==> flow/design.v <==
module mul_unit_n (clk, RSTN, opa_i, res_o);
   parameter XLEN = 14;
   parameter SCALE = 2731;
   localparam RW = XLEN + $clog2(SCALE + 1);
   input clk;
   input RSTN;
   input [XLEN-1:0] opa_i;
   output [RW-1:0] res_o;
   reg [XLEN-1:0] opa_r;
   always @(posedge clk) begin
      if (!RSTN) begin
         opa_r <= 0;
      end else begin
         opa_r <= opa_i;
      end
   end
   reg [RW-1:0] tmp;
   integer n;
   always @* begin
      tmp = 0;
      for (n = 0; n < RW - XLEN; n = n + 1)
         if ((SCALE >> n) & 1) tmp = tmp + (opa_r << n);
   end
   reg [RW-1:0] res_r;
   always @(posedge clk) begin
      if (!RSTN) begin
         res_r <= 0;
      end else begin
         res_r <= tmp;
      end
   end
   assign res_o = res_r;
endmodule
Reports on mul_unit_n
Tool output for the design above, in the order of the flow. Lines are those of the file above, counted from 1. Operators carry their Yosys type and port widths (W data, S select, Z words). Library cell names are shortened. A cell with n/a has no value.

Design top: mul_unit_n. Clock input: clk. Cell library: sky130hd. Library corner: tt_025C_1v80.

After elaboration
Yosys after proc, flatten, opt, wreduce and memory -nomap, before mapping. Enables and synchronous resets that opt folds into registers are not counted as muxes. Memory bits, and registers merged into a memory's read port (data or address), are not among the register bits. Print and check cells are not counted. Equal cells are merged and count once.

Under clocked read ports x word width stands 0. Output and inout bits: 26. The entry for register bits reads 40. Under bits in writable memories stands 0. For cells after elaboration the number is 8. The figure for bits in latches is 0. Memories: 0. For memory bits (read-only) the number is 0.

The figure for multipliers is 0. The entry for div/mod/pow operators reads 0. For magnitude comparators the number is 0. Equal/unequal tests: 0. For bitwise gates (word level) the number is 0. The entry for mux-type cells reads 0. The figure for reductions and logical operators is 0. Under add/sub/neg operators stands 6. The figure for shift-type cells is 0.

Operator list (count): $add A24 B25 Y26 (1); $add A22 B23 Y24 (1); $add A20 B21 Y22 (1); $add A18 B19 Y20 (1); $add A16 B17 Y18 (1); $add A14 B15 Y16 (1).

Longest topological paths
Yosys ltp: most cells in a row. Word level: on the elaborated netlist, between registers, memories and ports. Mapped: between sequential cells and ports; inverters and the memories' decode and read muxes count.

For word-level depth the number is 6. ABC_AREA: 0. Under gate-level depth with buffers stands 16. The figure for gate-level depth less buffers is 16.

Synthesis result
Source: synth_stat.txt of the flow (Yosys; design flattened, memories mapped). It holds for the ABC_AREA given above (unset counts as 0); a run with the other value may have another netlist.

Cells by type (count): ha_1 (65); dfxtp_1 (40); fa_1 (40); inv_1 (66); and2_1 (35); xnor2_1 (11); a21oi_1 (14); a21o_1 (9); xor2_1 (6); nand2_1 (13); nor2_1 (9); mux2i_1 (3); a31oi_1 (4); o21ai_1 (5); a211oi_1 (3); a21boi_1 (3); o21a_1 (3); nand3_1 (4).

Other cell types: 24; their cells: 38.

Under standard cells after synthesis stands 371. Mapped area: 3683.5 um^2. The entry for mapped flip-flops reads 40. Buffers: 5.

Path before layout
Path of least setup slack by OpenSTA after synthesis, without wires, with an ideal clock, recovery checks aside; 20% of the period is set as input and as output delay. Where synthesis merged equal registers, the netlist keeps one of their names.

Kind: register -> register. From: register opa_r[0]. To: register res_r[24]. The entry for data arrival time reads 4.018 ns. The figure for setup time is 0.115 ns. Data required time: 5.055 ns. Path delay: 4.133 ns. Path slack: 1.037 ns. Under time at the first pin stands 0.000 ns. Under clock period stands 5.17 ns. Driving pins on the path: 17. For synthesis period reached the number is 4.133 ns.

"path delay" is the arrival time less input delay plus setup time. "driving pins on the path": output pins that drive a net of the path, with the launching flip-flop's if there is one; two outputs of one cell count as two. "synthesis period reached" = period - worst setup slack (recovery checks aside). The figure is calculated, with input and output delays left at 20% of the set period. The rows between start and end are the longest chain of elaborated cells between them; the timing report does not say that the signal goes this way. Where chains are equally long, one stands for them. A line is the first line of the expression or statement that the cell stems from. Yosys adds cells for indexed reads and writes and turns some case tables into memories.

Path through: dfxtp_1 -> inv_1 -> fa_1 -> xnor2_1 -> ha_1 -> or2_2 -> fa_1 -> inv_1 -> fa_1 -> inv_1 -> ha_1 -> nand2_1 -> a2111oi_2 -> a21oi_1 -> a31oi_1 -> xor2_1 -> and2_1. The figure for length of the longest elaborated chain is 6. The figure for elaborated cells on any way between the ends is 6. Under RTL lines with such cells stands 1.

Ends and longest elaborated chain, after synthesis: start, declared (line 9) `reg [XLEN-1:0] opa_r;`; start, assigned (line 12) `opa_r <= 0;`; start, assigned (line 14) `opa_r <= opa_i;`; $add A14 B15 Y16 (line 22) `if ((SCALE >> n) & 1) tmp = tmp + (opa_r << n);`; $add A16 B17 Y18 (line 22); $add A18 B19 Y20 (line 22); $add A20 B21 Y22 (line 22); $add A22 B23 Y24 (line 22); $add A24 B25 Y26 (line 22); end, assigned (line 27) `res_r <= 0;`; end, assigned (line 29) `res_r <= tmp;`; end, declared (line 24) `reg [RW-1:0] res_r;`.

Worst path after layout
From the final timing report of job 1: the path of least setup slack in the routed layout; clock arrival at registers is part of the times.

Kind: register -> register. From: register opa_r[0]. To: register res_r[24]. Path slack: 0.70 ns. Under clock period stands 5.17 ns. The entry for data arrival time reads 4.67 ns. Under time at the first pin stands 0.30 ns. Data required time: 5.37 ns. The figure for setup time is 0.10 ns. Driving pins on the path: 17.

The rows between start and end are the longest chain of elaborated cells between them; the timing report does not say that the signal goes this way. Where chains are equally long, one stands for them.

Path through: dfxtp_1 -> inv_1 -> fa_1 -> xnor2_1 -> ha_1 -> or2_2 -> fa_1 -> inv_1 -> fa_1 -> inv_1 -> ha_1 -> nand2_1 -> a2111oi_2 -> a21oi_1 -> a31oi_1 -> xor2_1 -> and2_1. The figure for length of the longest elaborated chain is 6. The figure for elaborated cells on any way between the ends is 6. Under RTL lines with such cells stands 1.

Ends and longest elaborated chain, post-layout: start, declared (line 9) `reg [XLEN-1:0] opa_r;`; start, assigned (line 12) `opa_r <= 0;`; start, assigned (line 14) `opa_r <= opa_i;`; $add A14 B15 Y16 (line 22) `if ((SCALE >> n) & 1) tmp = tmp + (opa_r << n);`; $add A16 B17 Y18 (line 22); $add A18 B19 Y20 (line 22); $add A20 B21 Y22 (line 22); $add A22 B23 Y24 (line 22); $add A24 B25 Y26 (line 22); end, assigned (line 27) `res_r <= 0;`; end, assigned (line 29) `res_r <= tmp;`; end, declared (line 24) `reg [RW-1:0] res_r;`.

Subject: mul_unit_n on sky130hd, stored results

Hello all,

3 stored runs of mul_unit_n in the flow (synthesis by Yosys, layout by OpenROAD, sky130hd cells), in arbitrary order. Constraints: input delay and output delay 20% of the set period each, output load 0.01 pF. "critical setup path time" = time allowed to the worst setup path (clock period - input delay - output delay, where it has them) - its slack; a late launch clock adds to it, a late capture clock takes from it. "total power after layout" is the tool's figure for a default switching activity; nothing was simulated.

Job 1 has these settings: period_ns 5.17; CAP_MARGIN 20; CORE_MARGIN 2; CORE_UTILIZATION 40; SLEW_MARGIN 20. For the standard-cell area after layout the run shows 4322.9 um^2. The summed negative setup slack comes to 0.000 ns. The total power after layout stands at 0.001755 W. The worst hold slack in the final report reads 0.555 ns. For the synthesized cell area the run shows 3683.5 um^2. The critical setup path time comes to 4.47 ns. Worst setup path type: register -> register. The worst setup slack after layout stands at 0.695 ns. The die size comes to 9992.0 um^2.

Job 2 has these settings: period_ns 2.66; CORE_UTILIZATION 27; SETUP_SLACK_MARGIN 0.19; PLACE_DENSITY_LB_ADDON 0.1; CORE_ASPECT_RATIO 0.6; ABC_AREA 1; CTS_CLUSTER_SIZE 72; CAP_MARGIN 20; CORE_MARGIN 2; SLEW_MARGIN 20. For the standard-cell area after layout the run shows 6048.3 um^2. The summed negative setup slack comes to -18.453 ns. The total power after layout stands at 0.005561 W. The worst hold slack in the final report reads 0.564 ns. For the synthesized cell area the run shows 3978.8 um^2. The critical setup path time comes to 3.81 ns. Worst setup path type: register -> register. The worst setup slack after layout stands at -1.155 ns. The die size comes to 15755.4 um^2.

Job 3 has these settings: period_ns 6.5; CORE_UTILIZATION 19; SETUP_SLACK_MARGIN 1.75; PLACE_DENSITY_LB_ADDON 0.29; HOLD_SLACK_MARGIN 0.06; ABC_AREA 0; CTS_CLUSTER_SIZE 33; CTS_CLUSTER_DIAMETER 90; CAP_MARGIN 20; CORE_MARGIN 2; SLEW_MARGIN 20. For the standard-cell area after layout the run shows 4580.6 um^2. The summed negative setup slack comes to 0.000 ns. The total power after layout stands at 0.001492 W. The worst hold slack in the final report reads 0.547 ns. For the synthesized cell area the run shows 3683.5 um^2. The critical setup path time comes to 4.46 ns. Worst setup path type: register -> register. The worst setup slack after layout stands at 2.041 ns. The die size comes to 20516.3 um^2.

Thanks
